==> flow/design.v <==
module gen_mul_v2_half_mul #(parameter N = 4) (
   input wire [N-1:0] a,
   input wire [N-1:0] b,
   output wire [2*N-1:0] p
);
   assign p = a * b;
endmodule
module gen_mul_v2 #(
   parameter BITS = 22
) (
   input  wire core_clk,
   input  wire [BITS-1:0] i_in0,
   input  wire [BITS-1:0] i_in1,
   output reg [2*BITS-1:0] o_q
);
   localparam LW = BITS / 2;
   wire [BITS-1:0] ll;
   gen_mul_v2_half_mul #(.N(LW)) el (.a(i_in0[LW-1:0]), .b(i_in1[LW-1:0]), .p(ll));
   wire [BITS-1:0] lh;
   gen_mul_v2_half_mul #(.N(LW)) unit (.a(i_in0[LW-1:0]), .b(i_in1[BITS-1:LW]), .p(lh));
   wire [BITS-1:0] hl;
   gen_mul_v2_half_mul #(.N(LW)) u (.a(i_in0[BITS-1:LW]), .b(i_in1[LW-1:0]), .p(hl));
   wire [BITS-1:0] hh;
   gen_mul_v2_half_mul #(.N(LW)) u0 (.a(i_in0[BITS-1:LW]), .b(i_in1[BITS-1:LW]), .p(hh));
   wire [BITS:0] aux = lh + hl;
   always @(posedge core_clk) begin
      o_q <= {hh, ll} + {aux, {LW{1'b0}}};
   end
endmodule
== Tool chain data of gen_mul_v2 ==
Tool output for the design above, in the order of the flow.
Line numbers count from 1 in the design file above.
Operators carry their Yosys type and port widths (W data, S select, Z words).
Not given: -

* Top module: gen_mul_v2
* Clock port: core_clk
* Cell library: sky130hd
* Corner: tt_025C_1v80

== Word-level counts ==
Counts by Yosys on the flattened word-level netlist (proc, flatten, opt, wreduce; memories kept). Register bits leave out memories and registers merged into their read ports (data or address); mux counts leave out enables and synchronous resets folded into registers. Print and check cells are left out. Cells with the same type and inputs are merged into one.

* Add/subtract/negate cells: 2
* Multiply operators: 4

{| class="wikitable"
|+ Operators with widths
! kind !! count
|-
| $mul A11 B11 Y22 || 4
|-
| $add A44 B34 Y44 || 1
|-
| $add A22 B22 Y23 || 1
|}

* Input bits: 45
* Output and inout bits: 44
* Flip-flop bits (word level): 44
* Word-level cells: 7

== Longest topological paths ==
Depth = most cells in a row (Yosys ltp): at word level without a register or memory, in the mapped netlist without a sequential cell, where the memories' decode and read muxes count.

* Depth after elaboration: 3
* ABC_AREA: 0
* Gate-level depth with buffers: 34
* Depth with buffers taken out: 33

== After synthesis ==
Yosys stat after the flow's synthesis: flattened, memories mapped to cells. It holds for the ABC_AREA given above (unset counts as 0); a run with the other value may have another netlist.

* Sequential area: 880.8 um^2
* Buffer cells: 90
* Flip-flops: 44
* Chip area (Yosys): 18247.5 um^2
* Cell count: 2062

{| class="wikitable"
|+ Cells by type
! cell !! count !! total area (um^2)
|-
| sky130_fd_sc_hd__fa_1 || 360 || 7.21E+03
|-
| sky130_fd_sc_hd__ha_1 || 255 || 3190.56
|-
| sky130_fd_sc_hd__inv_1 || 449 || 1.69E+03
|-
| sky130_fd_sc_hd__and2_1 || 247 || 1.55E+03
|-
| sky130_fd_sc_hd__nand2_1 || 267 || 1E+03
|-
| sky130_fd_sc_hd__dfxtp_1 || 44 || 880.845
|-
| sky130_fd_sc_hd__xnor2_1 || 64 || 560.538
|-
| sky130_fd_sc_hd__clkbuf_1 || 88 || 330.317
|-
| sky130_fd_sc_hd__a21oi_1 || 44 || 220.211
|-
| sky130_fd_sc_hd__xor2_1 || 19 || 166.41
|-
| sky130_fd_sc_hd__a21o_1 || 21 || 157.651
|-
| sky130_fd_sc_hd__nor2_1 || 33 || 123.869
|-
| sky130_fd_sc_hd__o21ai_0 || 24 || 120.115
|-
| sky130_fd_sc_hd__o21bai_1 || 15 || 112.608
|-
| sky130_fd_sc_hd__o21a_1 || 14 || 105.101
|-
| sky130_fd_sc_hd__a211oi_1 || 9 || 67.565
|-
| sky130_fd_sc_hd__nor3_1 || 13 || 65.062
|-
| sky130_fd_sc_hd__nand3_1 || 12 || 60.058
|}

Not listed: further types 35, cells in them 84.
By module: a second synthesis without flattening, with its own total; a netlist apart from the flattened one above.

* Cell total of the unflattened synthesis: 2280
* Area total of the unflattened synthesis: 19542.5 um^2

Rows give one instance, submodules left out.

{| class="wikitable"
|+ By module
! module !! area (um^2) !! sequential area (um^2) !! times used !! cells
|-
| gen_mul_v2_half_mul (N=11) || 4043.9 || 0.0 || 4 || 477
|-
| gen_mul_v2 || 3367.0 || 880.8 || 1 || 372
|}

== Path before layout ==
Source: OpenSTA report_checks on the synthesized netlist (no wires, ideal clock, input and output delay 20% of the period each), path of least setup slack; recovery checks are left aside. Register names are those of the netlist, which keeps one name where synthesis merged equal registers.

* Kind: input port to flip-flop
* From: input port i_in0[9]
* To: register o_q[43]
* Path buffers: 1
* Data required time: 11.328 ns
* Driving pins on the path: 31
* External input delay: 2.280 ns
* Clock period: 11.4 ns
* Slack: 1.801 ns
* Arrival: 9.527 ns
* Time at the first pin: 2.280 ns
* Library setup time: 0.072 ns
* Path delay: 7.319 ns
* Period reached after synthesis: 9.599 ns

"path delay" is the arrival time less input delay plus setup time.
"driving pins on the path": output pins that drive a net of the path, with the launching flip-flop's if there is one; two outputs of one cell count as two.
"period reached after synthesis" = period - worst setup slack (recovery checks aside). The figure is calculated, with input and output delays left at 20% of the set period.
Between the ends stands the longest chain of elaborated cells between them, by number of cells; it is not shown to be the way that was timed. Of several equally long chains one is given.
Each line given opens the expression or statement behind the cell; cells for indexed reads and writes are added by Yosys, which also makes memories of some case tables.

* Cells stage by stage: sky130_fd_sc_hd__clkbuf_1 sky130_fd_sc_hd__nand2_1 sky130_fd_sc_hd__fa_1 sky130_fd_sc_hd__inv_1 sky130_fd_sc_hd__fa_1 sky130_fd_sc_hd__inv_1 sky130_fd_sc_hd__fa_1 sky130_fd_sc_hd__inv_1 sky130_fd_sc_hd__fa_1 sky130_fd_sc_hd__fa_1 sky130_fd_sc_hd__fa_1 sky130_fd_sc_hd__inv_1 sky130_fd_sc_hd__fa_1 sky130_fd_sc_hd__inv_1 sky130_fd_sc_hd__ha_1 sky130_fd_sc_hd__a21oi_1 sky130_fd_sc_hd__a21boi_0 sky130_fd_sc_hd__o21ai_0 sky130_fd_sc_hd__nand2b_1 sky130_fd_sc_hd__o41ai_1 sky130_fd_sc_hd__o21bai_1 sky130_fd_sc_hd__a21oi_1 sky130_fd_sc_hd__xnor2_1 sky130_fd_sc_hd__ha_1 sky130_fd_sc_hd__nand2_1 sky130_fd_sc_hd__o21ai_0 sky130_fd_sc_hd__a21o_1 sky130_fd_sc_hd__a221oi_1 sky130_fd_sc_hd__or3_4 sky130_fd_sc_hd__nor3_1 sky130_fd_sc_hd__xnor2_1
* Length of the longest elaborated chain: 3
* Elaborated cells on any way between the ends: 4
* Source lines of those cells: 3
* Those cells by class: 2 x add/sub; 2 x mul

{| class="wikitable"
|+ RTL lines, path post-synthesis
! item !! line !! RTL
|-
| from (decl) || 12 || <nowiki>input  wire [BITS-1:0] i_in0,</nowiki>
|-
| $mul A11 B11 Y22 || 6 || <nowiki>assign p = a * b;</nowiki>
|-
| $add A22 B22 Y23 || 25 || <nowiki>wire [BITS:0] aux = lh + hl;</nowiki>
|-
| $add A44 B34 Y44 || 27 || <nowiki>o_q <= {hh, ll} + {aux, {LW{1'b0}}};</nowiki>
|-
| to (assign) || 27 ||
|-
| to (decl) || 14 || <nowiki>output reg [2*BITS-1:0] o_q</nowiki>
|}

== Timing after layout ==
Path of least setup slack in the final report of run A (OpenROAD, finished layout, wires in). Where an end is a register, its clock arrival counts in the times.

* Kind: input port to flip-flop
* From: input port i_in0[4]
* To: register o_q[41]
* Slack: 0.72 ns
* Path buffers: 1
* External input delay: 2.28 ns
* Clock period: 11.4 ns
* Arrival: 10.88 ns
* Driving pins on the path: 33
* Time at the first pin: 2.28 ns
* Data required time: 11.60 ns
* Library setup time: 0.12 ns

Between the ends stands the longest chain of elaborated cells between them, by number of cells; it is not shown to be the way that was timed. Of several equally long chains one is given.

* Cells stage by stage: sky130_fd_sc_hd__clkdlybuf4s50_1 sky130_fd_sc_hd__nand2_1 sky130_fd_sc_hd__fa_1 sky130_fd_sc_hd__fa_1 sky130_fd_sc_hd__inv_1 sky130_fd_sc_hd__ha_1 sky130_fd_sc_hd__inv_1 sky130_fd_sc_hd__fa_1 sky130_fd_sc_hd__inv_1 sky130_fd_sc_hd__fa_1 sky130_fd_sc_hd__inv_1 sky130_fd_sc_hd__fa_1 sky130_fd_sc_hd__inv_1 sky130_fd_sc_hd__fa_1 sky130_fd_sc_hd__ha_1 sky130_fd_sc_hd__a21o_1 sky130_fd_sc_hd__a21oi_1 sky130_fd_sc_hd__o21bai_1 sky130_fd_sc_hd__a21oi_1 sky130_fd_sc_hd__a211o_1 sky130_fd_sc_hd__nor2b_1 sky130_fd_sc_hd__o21a_1 sky130_fd_sc_hd__nor2_1 sky130_fd_sc_hd__xnor2_1 sky130_fd_sc_hd__ha_1 sky130_fd_sc_hd__a21o_1 sky130_fd_sc_hd__a221oi_1 sky130_fd_sc_hd__nor2b_1 sky130_fd_sc_hd__a311o_2 sky130_fd_sc_hd__a221oi_1 sky130_fd_sc_hd__or3_4 sky130_fd_sc_hd__nor2_1 sky130_fd_sc_hd__xor2_1
* Length of the longest elaborated chain: 3
* Elaborated cells on any way between the ends: 4
* Source lines of those cells: 3
* Those cells by class: 2 x add/sub; 2 x mul

{| class="wikitable"
|+ RTL lines, path after layout
! item !! line !! RTL
|-
| from (decl) || 12 || <nowiki>input  wire [BITS-1:0] i_in0,</nowiki>
|-
| $mul A11 B11 Y22 || 6 || <nowiki>assign p = a * b;</nowiki>
|-
| $add A22 B22 Y23 || 25 || <nowiki>wire [BITS:0] aux = lh + hl;</nowiki>
|-
| $add A44 B34 Y44 || 27 || <nowiki>o_q <= {hh, ll} + {aux, {LW{1'b0}}};</nowiki>
|-
| to (assign) || 27 ||
|-
| to (decl) || 14 || <nowiki>output reg [2*BITS-1:0] o_q</nowiki>
|}

Appendix: measured runs

Settings and measured results of 2 stored flow runs for module gen_mul_v2 (sky130hd), not sorted in any way. The constraints put input and output delay at 20% of the set period each and load the outputs with 0.01 pF.
"achieved clock period" is the run's clock period less its worst setup slack. It is reckoned from that one timing run; input and output delays stay at 20% of the period that was set.
"time of the worst setup path": the worst setup path's part of the clock period (all of it between registers, 20% less for each end at a port) less its slack. A launch clock that arrives late makes it longer, a capture clock that arrives late makes it shorter.

=== Run A ===
{| class="wikitable"
! Setting !! Value
|-
| period_ns || 11.4
|-
| CAP_MARGIN || 20
|-
| CORE_MARGIN || 2
|-
| CORE_UTILIZATION || 40
|-
| SLEW_MARGIN || 20
|-
! Result !! Value
|-
| Lowest setup slack || 0.721 ns
|-
| Worst hold slack after layout || 3.074 ns
|-
| Post-synthesis cell area || 18247.5 um^2
|-
| Time of the worst setup path || 8.40 ns
|-
| Class of the worst setup path || input port to flip-flop
|-
| Standard-cell area after layout || 20106.8 um^2
|-
| Achieved clock period || 10.679 ns
|-
| Full die area || 47343.2 um^2
|}

=== Run B ===
{| class="wikitable"
! Setting !! Value
|-
| period_ns || 16.1
|-
| CORE_UTILIZATION || 71
|-
| PLACE_DENSITY_LB_ADDON || 0.1
|-
| HOLD_SLACK_MARGIN || -0.01
|-
| CELL_PAD_IN_SITES_GLOBAL_PLACEMENT || 1
|-
| CELL_PAD_IN_SITES_DETAIL_PLACEMENT || 0
|-
| GPL_TIMING_DRIVEN || 1
|-
| CAP_MARGIN || 20
|-
| CORE_MARGIN || 2
|-
| SLEW_MARGIN || 20
|}
No results, placement failed with FLW-0024.
